==> flow/design.v <==
module subtractor #(
   parameter int DW = 56
) (
   input logic clk,
   input logic srst,
   input logic [DW-1:0] opa_i,
   input logic [DW-1:0] opb_i,
   input logic minus_i,
   output logic [DW-1:0] diff_o
);
   logic [DW-1:0] opa_d1;
   logic [DW-1:0] opb_d1;
   logic minus_d1;
   always_ff @(posedge clk) begin
      if (srst) begin
         opa_d1 <= '0;
         opb_d1 <= '0;
         minus_d1 <= 1'b0;
      end else begin
         opa_d1 <= opa_i;
         opb_d1 <= opb_i;
         minus_d1 <= minus_i;
      end
   end
   logic [DW-1:0] val;
   always_comb begin
      if (minus_d1)
         val = opa_d1 - opb_d1;
      else
         val = opa_d1 + opb_d1;
   end
   always_ff @(posedge clk) begin
      if (srst) begin
         diff_o <= '0;
      end else begin
         diff_o <= val;
      end
   end
endmodule
# Tool chain data of subtractor
# The steps from the RTL of subtractor to its reports follow in flow order.
# Lines are those of the file above, counted from 1.
# Cell names lack the library's common part.
# Not given: -
# design
top_module	subtractor
clock	clk
cell_library	sky130hd
lib_corner	tt_025C_1v80

# Word level
# Counts by Yosys on the flattened word-level netlist (proc, flatten, opt, wreduce; memories kept). Register bits leave out memories and registers merged into their read ports (data or address); mux counts leave out enables and synchronous resets folded into registers. Print and check cells are left out. Cells with the same type and inputs are merged into one.
# word_totals
regBits	169
out_inout_bits	56
word_cells	7
# op_classes
add_sub_neg	2
n_mux	1
# ops
cell	count
adder 56 bit	1
subtractor 56 bit	1
2-to-1 mux 56 bit	1

# Longest topological paths
# Longest topological path by Yosys (ltp), each cell counted once; first at word level (registers and memories cut), then after technology mapping (sequential cells cut; the memories' decode and read muxes count).
# logic_depth
ltp_word	2
ABC_AREA	1
ltp_mapped	25
depth_no_buf	25

# After synthesis
# Yosys stat after the flow's synthesis: flattened, memories mapped to cells. It holds for the ABC_AREA given above (unset counts as 0); a run with the other value may have another netlist.
# by_type
type	count	area_total_um2
dfxtp_1	169	3.38E+03
nand2_1	575	2158.32
inv_1	378	1.42E+03
nor2_1	338	1.27E+03
ha_1	56	700.672
xor2_1	47	411.645
a21oi_1	74	370.355
nand3_1	68	340.326
o21ai_0	37	185.178
clkbuf_1	21	78.826
nor2_2	12	75.072
nor3_1	15	75.072
inv_2	16	60.058
o21ai_1	12	60.058
nand4_1	9	56.304
nand3b_1	7	52.55
o21a_1	7	52.55
o21bai_1	7	52.55
# Not listed: further types 27, cells in them 52.
# mapped
cells	1900
mapped_area_um2	11214.5
seqArea_um2	3383.2
ff_cells	169
buffers	26

# Timing after synthesis
# OpenSTA on the mapped netlist: ideal clock, no wires. The path of least setup slack (recovery checks aside). Input and output delay are each 20% of the period. Register names are those of the netlist, which keeps one name where synthesis merged equal registers.
# synth_timing
kind	reg2reg
start	register opb_d1[0]
end	register diff_o[52]
tclk_ns	5.19
setup_ns	0.115
t_first_pin_ns	0.000
arrival_ns	2.608
required_time_ns	5.075
path_slack_ns	2.467
delay_ns	2.723
driving_pins	21
path_buffers	0
period_less_setup_slack_ns	2.723
# "delay_ns" = arrival - input delay + setup time.
# "driving_pins" counts driving pins, that of a launching flip-flop among them; a cell with two outputs on the path counts twice.
# "period_less_setup_slack_ns" is the clock period less the worst setup slack; recovery checks do not enter. This is arithmetic on one report: input and output delays are still those of the set period (20% each).
# Between the ends stands the longest chain of elaborated cells between them, by number of cells; it is not shown to be the way that was timed. Of several equally long chains one is given.
# A line is the first line of the expression or statement that the cell stems from. Yosys adds cells for indexed reads and writes and turns some case tables into memories.
# synth_between
path_cell_list	dfxtp_1 > inv_1 > ha_1 > nand3_2 > nor2_4 > nand4_2 > nor2_2 > nand2_1 > nand2_1 > o21ai_1 > xnor2_1 > ha_1 > nand2_1 > nor2_1 > inv_1 > nor2_1 > nand2_1 > nor2_1 > nand2_1 > a21oi_1 > nor2_1
elab_chain_cells	2
cells_between	3
cone_classes	add/sub (2); mux (1)
# synth_rtl
item	line_no	rtl
from (decl)	12	logic [DW-1:0] opb_d1;
from (assign)	17	opb_d1 <= '0;
from (assign)	21	opb_d1 <= opb_i;
adder 56 bit	30	val = opa_d1 + opb_d1;
2-to-1 mux 56 bit	27	if (minus_d1)
to (assign)	34	diff_o <= '0;
to (assign)	36	diff_o <= val;
to (decl)	9	output logic [DW-1:0] diff_o

# Worst path after layout
# From the final timing report of entry A: the path of least setup slack in the routed layout; clock arrival at registers is part of the times.
# layout_timing
kind	reg2reg
start	register minus_d1
end	register diff_o[42]
tclk_ns	7.74
setup_ns	0.09
t_first_pin_ns	0.45
arrival_ns	4.58
required_time_ns	8.11
path_slack_ns	3.53
driving_pins	18
path_buffers	1
# Between the ends stands the longest chain of elaborated cells between them, by number of cells; it is not shown to be the way that was timed. Of several equally long chains one is given.
# layout_between
path_cell_list	dfxtp_1 > inv_1 > buf_4 > o21ai_0 > xnor2_1 > inv_1 > ha_1 > nand2_1 > nand2_1 > nand2_1 > nand2_1 > a21oi_1 > nor2_1 > nor2_1 > nand3_1 > nand2_1 > inv_1 > nor2_1
elab_chain_cells	1
cells_between	1
cone_classes	mux (1)
# layout_rtl
item	line_no	rtl
from (decl)	13	logic minus_d1;
from (assign)	18	minus_d1 <= 1'b0;
from (assign)	22	minus_d1 <= minus_i;
2-to-1 mux 56 bit	27	if (minus_d1)
to (assign)	34	diff_o <= '0;
to (assign)	36	diff_o <= val;
to (decl)	9	output logic [DW-1:0] diff_o

Add stored flow runs of subtractor

2 stored runs of subtractor in the flow (synthesis by Yosys, layout by OpenROAD, sky130hd cells), in arbitrary order. Constraints: input delay and output delay 20% of the set period each, output load 0.01 pF.
"achievedPeriod_ns" is the run's clock period less its worst setup slack. It is reckoned from that one timing run; input and output delays stay at 20% of the period that was set.
"worst_path_allowed_less_slack_ns" = time allowed to the worst setup path (clock period - input delay - output delay, where it has them) - its slack; a late launch clock adds to it, a late capture clock takes from it.
"totalPower_uw": no workload was simulated; the value follows from the tool's default switching activity.

Entry A, flow files:
==> flow/run.sh <==
#!/bin/bash
# the make line also repeats the synthesis and layout settings of config.mk as NAME=value (left out here)
make -C /OpenROAD-flow-scripts/flow DESIGN_CONFIG=/design/flow/config.mk WORK_HOME=/design/flow/orfs CLKGATE_MAP_FILE= finish
==> flow/config.mk <==
export PLATFORM = sky130hd
export DESIGN_NAME = subtractor
export DESIGN_NICKNAME = subtractor
export VERILOG_FILES = /design/flow/design.v
export SDC_FILE = /design/flow/constraint.sdc
export NUM_CORES = 4
export LEC_CHECK = 0
export ABC_AREA = 1
export CAP_MARGIN = 20
export CELL_PAD_IN_SITES_DETAIL_PLACEMENT = 0
export CELL_PAD_IN_SITES_GLOBAL_PLACEMENT = 2
export CORE_ASPECT_RATIO = 0.55
export CORE_MARGIN = 6
export CORE_UTILIZATION = 22
export MAX_ROUTING_LAYER = met5
export MIN_ROUTING_LAYER = met1
export PLACE_DENSITY = 0.92
export SLEW_MARGIN = 20
==> flow/constraint.sdc <==
create_clock -name core_clock -period 7.74 [get_ports {clk}]
set_input_delay 1.5480 -clock core_clock [delete_from_list [all_inputs] [get_ports {clk}]]
set_output_delay 1.5480 -clock core_clock [all_outputs]
set_load 0.01 [all_outputs]

==> results of entry A, as CSV <==
result,value
hold_ws_ns,0.529
tns_ns,0.000
stdcell_area_um2,14239.9
worst_path_allowed_less_slack_ns,4.21
timing.worst_path_kind,"reg2reg"
post_synth_area_um2,11214.5
achievedPeriod_ns,4.208
totalPower_uw,2669
fin_ws_ns,3.532
die_um2,56781.1
finish.utilization_pct,28.7

Entry B, flow files:
==> flow/run.sh <==
#!/bin/bash
# the make line also repeats the synthesis and layout settings of config.mk as NAME=value (left out here)
make -C /OpenROAD-flow-scripts/flow DESIGN_CONFIG=/design/flow/config.mk WORK_HOME=/design/flow/orfs CLKGATE_MAP_FILE= finish
==> flow/config.mk <==
export PLATFORM = sky130hd
export DESIGN_NAME = subtractor
export DESIGN_NICKNAME = subtractor
export VERILOG_FILES = /design/flow/design.v
export SDC_FILE = /design/flow/constraint.sdc
export NUM_CORES = 4
export LEC_CHECK = 0
export CAP_MARGIN = 20
export CORE_MARGIN = 2
export CORE_UTILIZATION = 40
export SLEW_MARGIN = 20
==> flow/constraint.sdc <==
create_clock -name core_clock -period 5.19 [get_ports {clk}]
set_input_delay 1.0380 -clock core_clock [delete_from_list [all_inputs] [get_ports {clk}]]
set_output_delay 1.0380 -clock core_clock [all_outputs]
set_load 0.01 [all_outputs]

==> results of entry B, as CSV <==
result,value
hold_ws_ns,0.558
tns_ns,0.000
stdcell_area_um2,11429.7
worst_path_allowed_less_slack_ns,4.77
timing.worst_path_kind,"reg2reg"
post_synth_area_um2,8805.9
achievedPeriod_ns,4.773
totalPower_uw,3860
fin_ws_ns,0.417
die_um2,23218.1
finish.utilization_pct,52.7
